==> flow/design.v <==
module u_mplex #(
  parameter int DWIDTH = 10,
  parameter int INPUTS = 64,
  parameter int SEL_WIDTH = $clog2(INPUTS)
) (
  input logic clock,
  input logic nrst,
  input logic step,
  input logic [INPUTS*DWIDTH-1:0] bus,
  input logic [SEL_WIDTH-1:0] pick,
  output logic [DWIDTH-1:0] res
);
  logic [INPUTS*DWIDTH-1:0] bus_r;
  logic [SEL_WIDTH-1:0] pick_r;
  logic [DWIDTH-1:0] res_r;
  assign res = res_r;
  always_ff @(posedge clock or negedge nrst) begin
    if (~nrst) begin
      bus_r <= '0;
      pick_r <= '0;
      res_r <= '0;
    end else if (step) begin
      bus_r <= bus;
      pick_r <= pick;
      res_r <= bus_r[pick_r*DWIDTH +: DWIDTH];
    end
  end
endmodule
[From RTL to reports: u_mplex]
What the tools print for u_mplex, step after step.
Lines are those of the file above, counted from 1.
A cell with n/a has no value.
Inputs
  design top: u_mplex
  clock input: clock
  library: sky130hd
  library corner: tt_025C_1v80

[Elaborated design]
Yosys after proc, flatten, opt, wreduce and memory -nomap, before mapping. Enables and synchronous resets that opt folds into registers are not counted as muxes. Memory bits, and registers merged into a memory's read port (data or address), are not among the register bits. Print and check cells are not counted. Equal cells are merged and count once.
Storage and ports
  register bits: 656
  bits in latches: 0
  RAM bits: 0
  memory bits (read-only): 0
  clocked read ports x word width: 0
  memories kept: 0
  input port bits: 649
  output and inout bits: 10
  cells after elaboration: 5
Operators by class
  $add $sub $neg: 0
  multipliers: 1
  divide/modulo/power cells: 0
  order comparisons: 0
  eq/ne operators: 0
  shift operators: 1
  mux-type cells: 0
  bitwise operators: 0
  reduce/logical cells: 0
Operator list (count)
  variable part select 640 x 11 -> 10 bit: 1
  multiplier 6 x 3 -> 9 bit with constant B: 1

[Logic depth]
Longest topological path by Yosys (ltp), each cell counted once; first at word level (registers and memories cut), then after technology mapping (sequential cells cut; the memories' decode and read muxes count).
Depth
  word-level depth: 2
  ABC_AREA: 0
  mapped depth: 9
  gate-level depth less buffers: 5

[Mapped cells and area]
The flow's flattened synthesis, as Yosys stat reports it; memories are mapped. The netlist is that of the ABC_AREA named above (0 if unset); the other value can give another one.
Cells by type (count)
  sky130_fd_sc_hd__dfrtp_1: 656
  sky130_fd_sc_hd__mux2_2: 686
  sky130_fd_sc_hd__mux4_2: 150
  sky130_fd_sc_hd__mux2i_1: 50
  sky130_fd_sc_hd__clkbuf_1: 85
  sky130_fd_sc_hd__o221ai_1: 20
  sky130_fd_sc_hd__buf_2: 33
  sky130_fd_sc_hd__a22oi_1: 20
  sky130_fd_sc_hd__a221oi_2: 9
  sky130_fd_sc_hd__o22ai_1: 10
  sky130_fd_sc_hd__nand3_1: 10
  sky130_fd_sc_hd__buf_6: 4
  sky130_fd_sc_hd__nor2_1: 11
  sky130_fd_sc_hd__buf_4: 5
  sky130_fd_sc_hd__inv_1: 10
  sky130_fd_sc_hd__nand2b_1: 3
  sky130_fd_sc_hd__and2_1: 2
  sky130_fd_sc_hd__nor2b_1: 2
Other cell types: 4; their cells: 5.
Mapped netlist
  mapped cells: 1771
  chip area (Yosys): 29306.9 sq um
  area of sequential cells: 16415.7 sq um
  flip-flops: 656

[Worst setup path after synthesis]
OpenSTA on the mapped netlist: ideal clock, no wires. The path of least setup slack (recovery checks aside). Input and output delay are each 20% of the period. Register names are those of the netlist, which keeps one name where synthesis merged equal registers.
Timing post-synthesis
  path type: reg-to-reg
  from: reg pick_r[0]
  to: reg res_r[1]
  period: 2.47 ns
  arrival: 1.830 ns
  required time: 2.324 ns
  setup slack: 0.494 ns
  path delay: 1.976 ns
  stages on the path: 9
  synthesis period reached: 1.976 ns
"path delay" = arrival - input delay + setup time.
"stages on the path": output pins that drive a net of the path, with the launching flip-flop's if there is one; two outputs of one cell count as two.
"synthesis period reached" is the clock period less the worst setup slack; recovery checks do not enter. This is arithmetic on one report: input and output delays are still those of the set period (20% each).
Between the ends stands the longest chain of elaborated cells between them, by number of cells; it is not shown to be the way that was timed. Of several equally long chains one is given.
A line is the first line of the expression or statement that the cell stems from. Yosys adds cells for indexed reads and writes and turns some case tables into memories.
Between the ends, post-synthesis
  cells stage by stage: sky130_fd_sc_hd__dfrtp_1 -> sky130_fd_sc_hd__buf_2 -> sky130_fd_sc_hd__buf_6 -> sky130_fd_sc_hd__buf_2 -> sky130_fd_sc_hd__mux4_2 -> sky130_fd_sc_hd__mux2i_1 -> sky130_fd_sc_hd__a22oi_1 -> sky130_fd_sc_hd__nand3_1 -> sky130_fd_sc_hd__o221ai_1
  length of the longest elaborated chain: 2
Ends and longest elaborated chain, post-synthesis
  from (decl): RTL line 14  | logic [SEL_WIDTH-1:0] pick_r;
  from (assign): RTL line 20  | pick_r <= '0;
  from (assign): RTL line 24  | pick_r <= pick;
  multiplier 6 x 3 -> 9 bit: RTL line 25  | res_r <= bus_r[pick_r*DWIDTH +: DWIDTH];
  variable part select 640 x 11 -> 10 bit: RTL line 25
  to (assign): RTL line 21  | res_r <= '0;
  to (assign): RTL line 25
  to (decl): RTL line 15  | logic [DWIDTH-1:0] res_r;

[Worst path after layout]
From the final timing report of run A: the path of least setup slack in the routed layout; clock arrival at registers is part of the times.
Timing post-layout
  path type: reg-to-reg
  from: reg pick_r[0]
  to: reg res_r[6]
  period: 1.56 ns
  arrival: 2.80 ns
  required time: 2.03 ns
  setup slack: -0.77 ns
  stages on the path: 9
Between the ends stands the longest chain of elaborated cells between them, by number of cells; it is not shown to be the way that was timed. Of several equally long chains one is given.
Between the ends, post-layout
  cells stage by stage: sky130_fd_sc_hd__dfrtp_4 -> sky130_fd_sc_hd__buf_12 -> sky130_fd_sc_hd__buf_12 -> sky130_fd_sc_hd__buf_16 -> sky130_fd_sc_hd__mux4_2 -> sky130_fd_sc_hd__mux2i_4 -> sky130_fd_sc_hd__o22ai_2 -> sky130_fd_sc_hd__a221oi_4 -> sky130_fd_sc_hd__o221ai_2
  length of the longest elaborated chain: 2
Ends and longest elaborated chain, post-layout
  from (decl): RTL line 14  | logic [SEL_WIDTH-1:0] pick_r;
  from (assign): RTL line 20  | pick_r <= '0;
  from (assign): RTL line 24  | pick_r <= pick;
  multiplier 6 x 3 -> 9 bit: RTL line 25  | res_r <= bus_r[pick_r*DWIDTH +: DWIDTH];
  variable part select 640 x 11 -> 10 bit: RTL line 25
  to (assign): RTL line 21  | res_r <= '0;
  to (assign): RTL line 25
  to (decl): RTL line 15  | logic [DWIDTH-1:0] res_r;

u_mplex through Yosys and OpenROAD on sky130hd: 3 stored runs, unordered, with their settings and measured results. The constraints put input and output delay at 20% of the set period each and load the outputs with 0.01 pF.
"achieved clock period (ns)" is the run's clock period less its worst setup slack. It is reckoned from that one timing run; input and output delays stay at 20% of the period that was set.
"worst setup path time (ns)" = time allowed to the worst setup path (clock period - input delay - output delay, where it has them) - its slack; a late launch clock adds to it, a late capture clock takes from it.
"finish__power__total" is the tool's figure for a default switching activity; nothing was simulated.

Flow files of run A
==> flow/run.sh <==
#!/bin/bash
# the make line also repeats the synthesis and layout settings of config.mk as NAME=value (left out here)
make -C /OpenROAD-flow-scripts/flow DESIGN_CONFIG=/design/flow/config.mk WORK_HOME=/design/flow/orfs CLKGATE_MAP_FILE= finish
==> flow/config.mk <==
export PLATFORM = sky130hd
export DESIGN_NAME = u_mplex
export DESIGN_NICKNAME = u_mplex
export VERILOG_FILES = /design/flow/design.v
export SDC_FILE = /design/flow/constraint.sdc
export NUM_CORES = 4
export LEC_CHECK = 0
export ABC_AREA = 0
export CAP_MARGIN = 20
export CELL_PAD_IN_SITES_GLOBAL_PLACEMENT = 0
export CORE_MARGIN = 2
export CORE_UTILIZATION = 48
export PLACE_DENSITY_LB_ADDON = 0.11
export SETUP_SLACK_MARGIN = 0.14
export SLEW_MARGIN = 20
export TNS_END_PERCENT = 20
==> flow/constraint.sdc <==
create_clock -name core_clock -period 1.56 [get_ports {clock}]
set_input_delay 0.3120 -clock core_clock [delete_from_list [all_inputs] [get_ports {clock}]]
set_output_delay 0.3120 -clock core_clock [all_outputs]
set_load 0.01 [all_outputs]

report of run A
yosys chip area after synthesis (um^2): 29306.9
finish__design__die__area: 63048.7
finish__design__instance__utilization: 0.6934
finish__timing__setup__ws: -0.767
finish__timing__setup__tns: -7.356
finish__timing__hold__ws: 0.211
finish__power__total: 4.701e-02
achieved clock period (ns): 2.327
worst setup path time (ns): 2.33
worst setup path kind: reg-to-reg

Flow files of run B
==> flow/run.sh <==
#!/bin/bash
# the make line also repeats the synthesis and layout settings of config.mk as NAME=value (left out here)
make -C /OpenROAD-flow-scripts/flow DESIGN_CONFIG=/design/flow/config.mk WORK_HOME=/design/flow/orfs CLKGATE_MAP_FILE= finish
==> flow/config.mk <==
export PLATFORM = sky130hd
export DESIGN_NAME = u_mplex
export DESIGN_NICKNAME = u_mplex
export VERILOG_FILES = /design/flow/design.v
export SDC_FILE = /design/flow/constraint.sdc
export NUM_CORES = 4
export LEC_CHECK = 0
export CAP_MARGIN = 20
export CORE_MARGIN = 2
export CORE_UTILIZATION = 40
export SLEW_MARGIN = 20
==> flow/constraint.sdc <==
create_clock -name core_clock -period 2.47 [get_ports {clock}]
set_input_delay 0.4940 -clock core_clock [delete_from_list [all_inputs] [get_ports {clock}]]
set_output_delay 0.4940 -clock core_clock [all_outputs]
set_load 0.01 [all_outputs]

report of run B
yosys chip area after synthesis (um^2): 29306.9
finish__design__die__area: 75449.1
finish__design__instance__utilization: 0.5523
finish__timing__setup__ws: 0.072
finish__timing__setup__tns: 0.000
finish__timing__hold__ws: 0.356
finish__power__total: 2.924e-02
achieved clock period (ns): 2.398
worst setup path time (ns): 2.40
worst setup path kind: reg-to-reg

Flow files of run C
==> flow/run.sh <==
#!/bin/bash
# the make line also repeats the synthesis and layout settings of config.mk as NAME=value (left out here)
make -C /OpenROAD-flow-scripts/flow DESIGN_CONFIG=/design/flow/config.mk WORK_HOME=/design/flow/orfs CLKGATE_MAP_FILE= finish
==> flow/config.mk <==
export PLATFORM = sky130hd
export DESIGN_NAME = u_mplex
export DESIGN_NICKNAME = u_mplex
export VERILOG_FILES = /design/flow/design.v
export SDC_FILE = /design/flow/constraint.sdc
export NUM_CORES = 4
export LEC_CHECK = 0
export ABC_AREA = 0
export CAP_MARGIN = 20
export CORE_MARGIN = 2
export CORE_UTILIZATION = 36
export PLACE_DENSITY_LB_ADDON = 0.19
export SLEW_MARGIN = 20
==> flow/constraint.sdc <==
create_clock -name core_clock -period 1.49 [get_ports {clock}]
set_input_delay 0.2980 -clock core_clock [delete_from_list [all_inputs] [get_ports {clock}]]
set_output_delay 0.2980 -clock core_clock [all_outputs]
set_load 0.01 [all_outputs]

report of run C
yosys chip area after synthesis (um^2): 29306.9
finish__design__die__area: 83706.1
finish__design__instance__utilization: 0.5338
finish__timing__setup__ws: -0.831
finish__timing__setup__tns: -7.902
finish__timing__hold__ws: 0.142
finish__power__total: 5.189e-02
achieved clock period (ns): 2.321
worst setup path time (ns): 2.32
worst setup path kind: reg-to-reg
